==> flow/design.v <==
module times_top #(
    parameter WIDTH = 16
) (
    input  wire clk_i,
    input  wire [WIDTH-1:0] dataa,
    input  wire [WIDTH-1:0] datab,
    output wire [2*WIDTH-1:0] result
);
    reg [WIDTH-1:0] dataa_ff;
    always @(posedge clk_i)
        dataa_ff <= dataa;
    reg [WIDTH-1:0] datab_ff;
    always @(posedge clk_i)
        datab_ff <= datab;
    reg [2*WIDTH-1:0] result_ff;
    always @(posedge clk_i)
        result_ff <= dataa_ff * datab_ff;
    assign result = result_ff;
endmodule
Tool chain data of times_top
What the tools print for times_top, step after step.
Line numbers count from 1 in the design file above.
Operators carry their Yosys type and port widths (W data, S select, Z words).
Cell names lack the library's common part.
Not given: n/a
- design top: times_top
- clock port: clk_i
- standard-cell library: sky130hd
- library corner: tt_025C_1v80

Elaborated design
Counts by Yosys on the flattened word-level netlist (proc, flatten, opt, wreduce; memories kept). Register bits leave out memories and registers merged into their read ports (data or address); mux counts leave out enables and synchronous resets folded into registers. Print and check cells are left out. Cells with the same type and inputs are merged into one.
- bits in registers at 64
- noted input port bits: 33
- output and inout bits at 32
- word-level cells at 4
- multiply operators at 1
- operator list (operator ; count):
    $mul A16 B16 Y32 ; 1

Logic depth
Longest topological path by Yosys (ltp), each cell counted once; first at word level (registers and memories cut), then after technology mapping (sequential cells cut; the memories' decode and read muxes count).
- noted depth in word-level cells: 1
- noted ABC_AREA: 0
- mapped depth: 22
- depth with buffers taken out at 20

Synthesis result
The flow's flattened synthesis, as Yosys stat reports it; memories are mapped. The netlist is that of the ABC_AREA named above (0 if unset); the other value can give another one.
Totals and module areas in this step are rounded.
- cell types (cell ; count ; total area (um^2)):
    fa_1 ; 194 ; 3.88E+03
    ha_1 ; 104 ; 1.3E+03
    dfxtp_1 ; 64 ; 1.28E+03
    inv_1 ; 224 ; 840.806
    and2_1 ; 125 ; 782
    nand2_1 ; 145 ; 544.272
    xnor2_1 ; 19 ; 166.41
    a21o_1 ; 17 ; 127.622
    clkbuf_1 ; 34 ; 127.622
    a21oi_1 ; 22 ; 110.106
    o21ai_0 ; 13 ; 65.062
    xor2_1 ; 7 ; 61.309
    nand3_1 ; 10 ; 50.048
    nor2_1 ; 12 ; 45.043
    o21a_1 ; 4 ; 30.029
    o41ai_4 ; 1 ; 27.526
    o21ai_2 ; 3 ; 26.275
    a211oi_2 ; 2 ; 25.024
Other cell types: 31; their cells: 48.
- mapped cells: 1048
- chip area (Yosys) at 9880 um^2
- sequential part of the area: 1280 um^2
- flip-flop cells at 64
- noted buffer cells: 37

Path before layout
Source: OpenSTA report_checks on the synthesized netlist (no wires, ideal clock, input and output delay 20% of the period each), path of least setup slack; recovery checks are left aside. Register names are those of the netlist, which keeps one name where synthesis merged equal registers.
- path kind: reg-to-reg
- from: register datab_ff[7]
- to: register result_ff[27]
- clock period at 6.98 ns
- noted setup time: 0.126 ns
- launch time at the first pin: 0.000 ns
- arrival time at 5.458 ns
- required time at 6.854 ns
- path slack at 1.396 ns
- noted path delay: 5.584 ns
- driving pins on the path at 23
- period reached after synthesis at 5.584 ns
"path delay" is the arrival time less input delay plus setup time.
"driving pins on the path" counts driving pins, that of a launching flip-flop among them; a cell with two outputs on the path counts twice.
"period reached after synthesis" is the clock period less the worst setup slack; recovery checks do not enter. This is arithmetic on one report: input and output delays are still those of the set period (20% each).
The rows between start and end are the longest chain of elaborated cells between them; the timing report does not say that the signal goes this way. Where chains are equally long, one stands for them.
A line is the first line of the expression or statement that the cell stems from. Yosys adds cells for indexed reads and writes and turns some case tables into memories.
- cell sequence: dfxtp_1 clkbuf_1 nand2_1 fa_1 inv_1 fa_1 inv_1 fa_1 inv_1 fa_1 fa_1 inv_1 fa_1 inv_1 ha_1 buf_6 o21a_1 o211a_1 o21ai_2 a31oi_4 o41ai_4 o21ai_1 xor2_1
- noted length of the longest elaborated chain: 1
- elaborated cells on any way between the ends at 1
- classes of those cells: 1 x mul
- ends and longest elaborated chain, after synthesis (element ; line ; RTL):
    start: declaration ; 12 ; reg [WIDTH-1:0] datab_ff;
    start: assignment ; 14 ; datab_ff <= datab;
    $mul A16 B16 Y32 ; 17 ; result_ff <= dataa_ff * datab_ff;
    end: assignment ; 17 ;
    end: declaration ; 15 ; reg [2*WIDTH-1:0] result_ff;

Path in the finished layout
From the final timing report of stored run 1: the path of least setup slack in the routed layout; clock arrival at registers is part of the times.
- path kind: reg-to-reg
- from: register datab_ff[10]
- to: register result_ff[27]
- clock period at 6.98 ns
- noted setup time: 0.12 ns
- launch time at the first pin: 0.34 ns
- arrival time at 6.35 ns
- required time at 7.21 ns
- path slack at 0.87 ns
- driving pins on the path at 19
The rows between start and end are the longest chain of elaborated cells between them; the timing report does not say that the signal goes this way. Where chains are equally long, one stands for them.
- cell sequence: dfxtp_1 nand2_1 fa_1 inv_1 fa_1 fa_1 fa_1 fa_1 inv_1 fa_1 inv_1 ha_1 a21oi_1 o21ai_2 nor2_1 a31oi_4 o41ai_4 o21ai_1 xor2_1
- noted length of the longest elaborated chain: 1
- elaborated cells on any way between the ends at 1
- classes of those cells: 1 x mul
- ends and longest elaborated chain, post-layout (element ; line ; RTL):
    start: declaration ; 12 ; reg [WIDTH-1:0] datab_ff;
    start: assignment ; 14 ; datab_ff <= datab;
    $mul A16 B16 Y32 ; 17 ; result_ff <= dataa_ff * datab_ff;
    end: assignment ; 17 ;
    end: declaration ; 15 ; reg [2*WIDTH-1:0] result_ff;

## Implementation results

Module times_top, platform sky130hd: 3 stored runs of the flow (Yosys, OpenROAD) with differing settings, in no particular order. Input and output delays are each 20% of the period that was set; the output load is 0.01 pF.
By "period reached" is meant the clock period of the run minus its worst setup slack. This is arithmetic on one report: input and output delays are still those of the set period (20% each).
"critical path time" = time allowed to the worst setup path (clock period - input delay - output delay, where it has them) - its slack; a late launch clock adds to it, a late capture clock takes from it.
Values from the reports are rounded here.

Stored run 1
Settings were period_ns = 6.98; CAP_MARGIN = 20; CORE_MARGIN = 2; CORE_UTILIZATION = 40; SLEW_MARGIN = 20
- noted the worst hold slack in the final report: 0.833 ns
- summed negative setup slack at 0.000 ns
- Yosys chip area after synthesis at 9880 um^2
- smallest setup slack: 0.866 ns
- noted the die size: 26000 um^2
- period reached at 6.114 ns
- standard-cell area after layout at 11100 um^2
- critical path time at 6.11 ns
- worst setup path type: reg-to-reg
- utilization after routing: 0.458

Stored run 2
Settings were period_ns = 4.28; CORE_UTILIZATION = 68; PLACE_DENSITY_LB_ADDON = 0.21; CORE_ASPECT_RATIO = 1.3; CELL_PAD_IN_SITES_DETAIL_PLACEMENT = 1; ABC_AREA = 1; MIN_ROUTING_LAYER = met2; CAP_MARGIN = 20; CORE_MARGIN = 2; SLEW_MARGIN = 20
- did not finish, placement stopped with DPL-0033

Stored run 3
Settings were period_ns = 3.8; CORE_UTILIZATION = 24; SETUP_SLACK_MARGIN = 0.03; HOLD_SLACK_MARGIN = 0.11; CELL_PAD_IN_SITES_DETAIL_PLACEMENT = 0; GPL_TIMING_DRIVEN = 1; CAP_MARGIN = 20; MIN_ROUTING_LAYER = met1; MAX_ROUTING_LAYER = met4; CORE_MARGIN = 2; SLEW_MARGIN = 20
- critical path time at 5.47 ns
- worst setup path type: reg-to-reg
- period reached at 5.472 ns
- noted the worst hold slack in the final report: 0.648 ns
- noted the die size: 42800 um^2
- summed negative setup slack at -33.2 ns
- smallest setup slack: -1.67 ns
- standard-cell area after layout at 14100 um^2
- utilization after routing: 0.347
- Yosys chip area after synthesis at 9880 um^2
